==> flow/design.v <==
module u_shft_blk #(
   parameter integer WD = 48,
   parameter integer SEL_W = $clog2(WD)
) (
   input  wire clk_i,
   input  wire RST,
   input  wire [WD-1:0] val,
   input  wire [WD-1:0] db,
   input  wire [SEL_W-1:0] n,
   output reg [WD-1:0] result
);
   reg [WD-1:0] r_val;
   always @(posedge clk_i) begin
      if (RST) begin
         r_val <= 0;
      end else begin
         r_val <= val;
      end
   end
   reg [WD-1:0] r_db;
   always @(posedge clk_i) begin
      if (RST) begin
         r_db <= 0;
      end else begin
         r_db <= db;
      end
   end
   reg [SEL_W-1:0] r_n;
   always @(posedge clk_i) begin
      if (RST) begin
         r_n <= 0;
      end else begin
         r_n <= n;
      end
   end
   wire [2*WD-1:0] cur = {r_db, r_val} >> r_n;
   always @(posedge clk_i) begin
      if (RST) begin
         result <= 0;
      end else begin
         result <= cur[WD-1:0];
      end
   end
endmodule
; ---- Reports on u_shft_blk
; What the tools print for u_shft_blk, step after step.
; Lines are those of the file above, counted from 1.
; Operators carry their Yosys type and port widths (W data, S select, Z words).
; Cell names lack the library's common part.
; The mark -- stands for no value.
[inputs]
design = u_shft_blk
clk_port = clk_i
cell_library = sky130hd
lib_corner = tt_025C_1v80

; ---- Elaborated design
; Source: Yosys, flattened and elaborated, memories not mapped. Widths are those after wreduce; folded enables and synchronous resets count as part of the registers. Registers that Yosys merges into a memory's read port (data or address) are not register bits. Print and check cells do not count. Equal cells are merged and count once.
[classes]
shifts = 1
[ops]
columns = op, count
row1 = $shr A96 B6 Y48, 1
[bits]
out_inout_bits = 48
ff_bits = 150
wordCells = 5

; ---- Longest topological paths
; Longest topological path by Yosys (ltp), each cell counted once; first at word level (registers and memories cut), then after technology mapping (sequential cells cut; the memories' decode and read muxes count).
[logic_depth]
ltp_word = 1
abc_area = 0
ltp_mapped = 10
depth_no_buf = 5

; ---- Netlist
; Yosys stat after the flow's synthesis: flattened, memories mapped to cells. It holds for the ABC_AREA given above (unset counts as 0); a run with the other value may have another netlist.
[types]
columns = type, count
row1 = dfxtp_1, 150
row2 = mux4_2, 116
row3 = mux2i_1, 101
row4 = nor2b_1, 116
row5 = mux2_2, 44
row6 = nand2_1, 83
row7 = mux4_1, 9
row8 = a22oi_1, 30
row9 = nor2_1, 43
row10 = clkbuf_1, 40
row11 = o21ai_0, 30
row12 = o211ai_1, 17
row13 = buf_2, 25
row14 = o221ai_1, 14
row15 = a21oi_1, 23
row16 = nand3_1, 22
row17 = buf_6, 9
row18 = a221oi_1, 11
; Other cell types: 44; their cells: 171.
[synth_totals]
area_um2 = 11129.4
seq_area_um2 = 3002.9
n_buf = 95
flip_flops = 150
cell_count = 1054

; ---- Worst setup path after synthesis
; OpenSTA on the mapped netlist: ideal clock, no wires. The path of least setup slack (recovery checks aside). Input and output delay are each 20% of the period. Register names are those of the netlist, which keeps one name where synthesis merged equal registers.
[synth_timing]
path_kind = flip-flop to flip-flop
startpoint = register r_n[0]
endpoint = register result[7]
stages = 9
path_delay_ps = 2226
period_ps = 2780
setup_slack_ps = 554
arrival_ps = 2089
n_path_buf = 3
period_less_setup_slack_ps = 2226
; "path_delay_ps" is the arrival time less input delay plus setup time.
; "stages": output pins that drive a net of the path, with the launching flip-flop's if there is one; two outputs of one cell count as two.
; "period_less_setup_slack_ps" is the clock period less the worst setup slack; recovery checks do not enter. This is arithmetic on one report: input and output delays are still those of the set period (20% each).
; Between the ends stands the longest chain of elaborated cells between them, by number of cells; it is not shown to be the way that was timed. Of several equally long chains one is given.
; A line is the first line of the expression or statement that the cell stems from. Yosys adds cells for indexed reads and writes and turns some case tables into memories.
[synth_between]
cell_sequence = dfxtp_1 > buf_6 > buf_6 > buf_4 > mux4_2 > a221oi_1 > nor2_1 > o31ai_1 > o221ai_1
elab_chain_cells = 1
cells_between = 1
cone_classes = 1 x shift
[synth_rtl]
columns = item, line_no
row1 = from (decl), 28  ; reg [SEL_W-1:0] r_n;
row2 = from (assign), 31  ; r_n <= 0;
row3 = from (assign), 33  ; r_n <= n;
row4 = $shr A96 B6 Y48, 36  ; wire [2*WD-1:0] cur = {r_db, r_val} >> r_n;
row5 = to (assign), 39  ; result <= 0;
row6 = to (assign), 41  ; result <= cur[WD-1:0];
row7 = to (decl), 10  ; output reg [WD-1:0] result

; ---- Timing after layout
; From the final timing report of job 2: the path of least setup slack in the routed layout; clock arrival at registers is part of the times.
; The path's times are printed in steps of 10 ps; the period is the one set.
[layout_timing]
path_kind = flip-flop to flip-flop
startpoint = register r_n[3]
endpoint = register result[34]
stages = 7
n_path_buf = 1
arrival_ps = 3030
period_ps = 2780
setup_slack_ps = 30
; Between the ends stands the longest chain of elaborated cells between them, by number of cells; it is not shown to be the way that was timed. Of several equally long chains one is given.
[layout_between]
cell_sequence = dfxtp_4 > buf_12 > mux4_1 > mux2_2 > a2bb2o_4 > a221oi_2 > o221ai_1
elab_chain_cells = 1
cells_between = 1
cone_classes = 1 x shift
[layout_rtl]
columns = item, line_no
row1 = from (decl), 28  ; reg [SEL_W-1:0] r_n;
row2 = from (assign), 31  ; r_n <= 0;
row3 = from (assign), 33  ; r_n <= n;
row4 = $shr A96 B6 Y48, 36  ; wire [2*WD-1:0] cur = {r_db, r_val} >> r_n;
row5 = to (assign), 39  ; result <= 0;
row6 = to (assign), 41  ; result <= cur[WD-1:0];
row7 = to (decl), 10  ; output reg [WD-1:0] result

; Design u_shft_blk on sky130hd. What follows are 3 stored runs of the flow, each under its own settings; their order means nothing. The constraints put input and output delay at 20% of the set period each and load the outputs with 0.01 pF.
; By "period_less_ws_ps" is meant the clock period of the run minus its worst setup slack. This is arithmetic on one report: input and output delays are still those of the set period (20% each).
; "worst_path_time_ps" is the time allowed to the run's worst setup path (the clock period less input and output delay, where it has them) less its slack. Clock arrival times count: a late capture clock shortens it, a late launch clock lengthens it.
; "worst_path_time_ps" is given in steps of 10 ps.

[job 1: settings]
period_ns = 2.51
CORE_UTILIZATION = 47
SETUP_SLACK_MARGIN = -0.02
PLACE_DENSITY = 0.78
CORE_ASPECT_RATIO = 0.73
CELL_PAD_IN_SITES_GLOBAL_PLACEMENT = 3
ABC_AREA = 1
GPL_ROUTABILITY_DRIVEN = 0
CTS_CLUSTER_SIZE = 37
CAP_MARGIN = 20
CORE_MARGIN = 2
SLEW_MARGIN = 20
[job 1: results]
outcome = not finished: placement ended with error GPL-0301

[job 2: settings]
period_ns = 2.78
CAP_MARGIN = 20
CORE_MARGIN = 2
CORE_UTILIZATION = 40
SLEW_MARGIN = 20
[job 2: results]
worst_path_time_ps = 2750
critical_path_type = flip-flop to flip-flop
synth_area_um2 = 11129.4
finish.utilization_pct = 51.9
setup_tns_ps = 0
total_die_area_um2 = 29174.3
ws_setup_ps = 32
period_less_ws_ps = 2748
final_hold_ws_ps = 469

[job 3: settings]
period_ns = 3.96
CORE_UTILIZATION = 30
PLACE_DENSITY_LB_ADDON = 0.04
CORE_MARGIN = 3
CELL_PAD_IN_SITES_GLOBAL_PLACEMENT = 2
TNS_END_PERCENT = 10
GPL_TIMING_DRIVEN = 1
GPL_ROUTABILITY_DRIVEN = 1
CTS_CLUSTER_SIZE = 95
CTS_CLUSTER_DIAMETER = 165
MAX_ROUTING_LAYER = met4
CAP_MARGIN = 20
SLEW_MARGIN = 20
[job 3: results]
final_hold_ws_ps = 599
synth_area_um2 = 11129.4
setup_tns_ps = 0
total_die_area_um2 = 39445.9
period_less_ws_ps = 3734
ws_setup_ps = 226
worst_path_time_ps = 3730
critical_path_type = flip-flop to flip-flop
finish.utilization_pct = 38.2
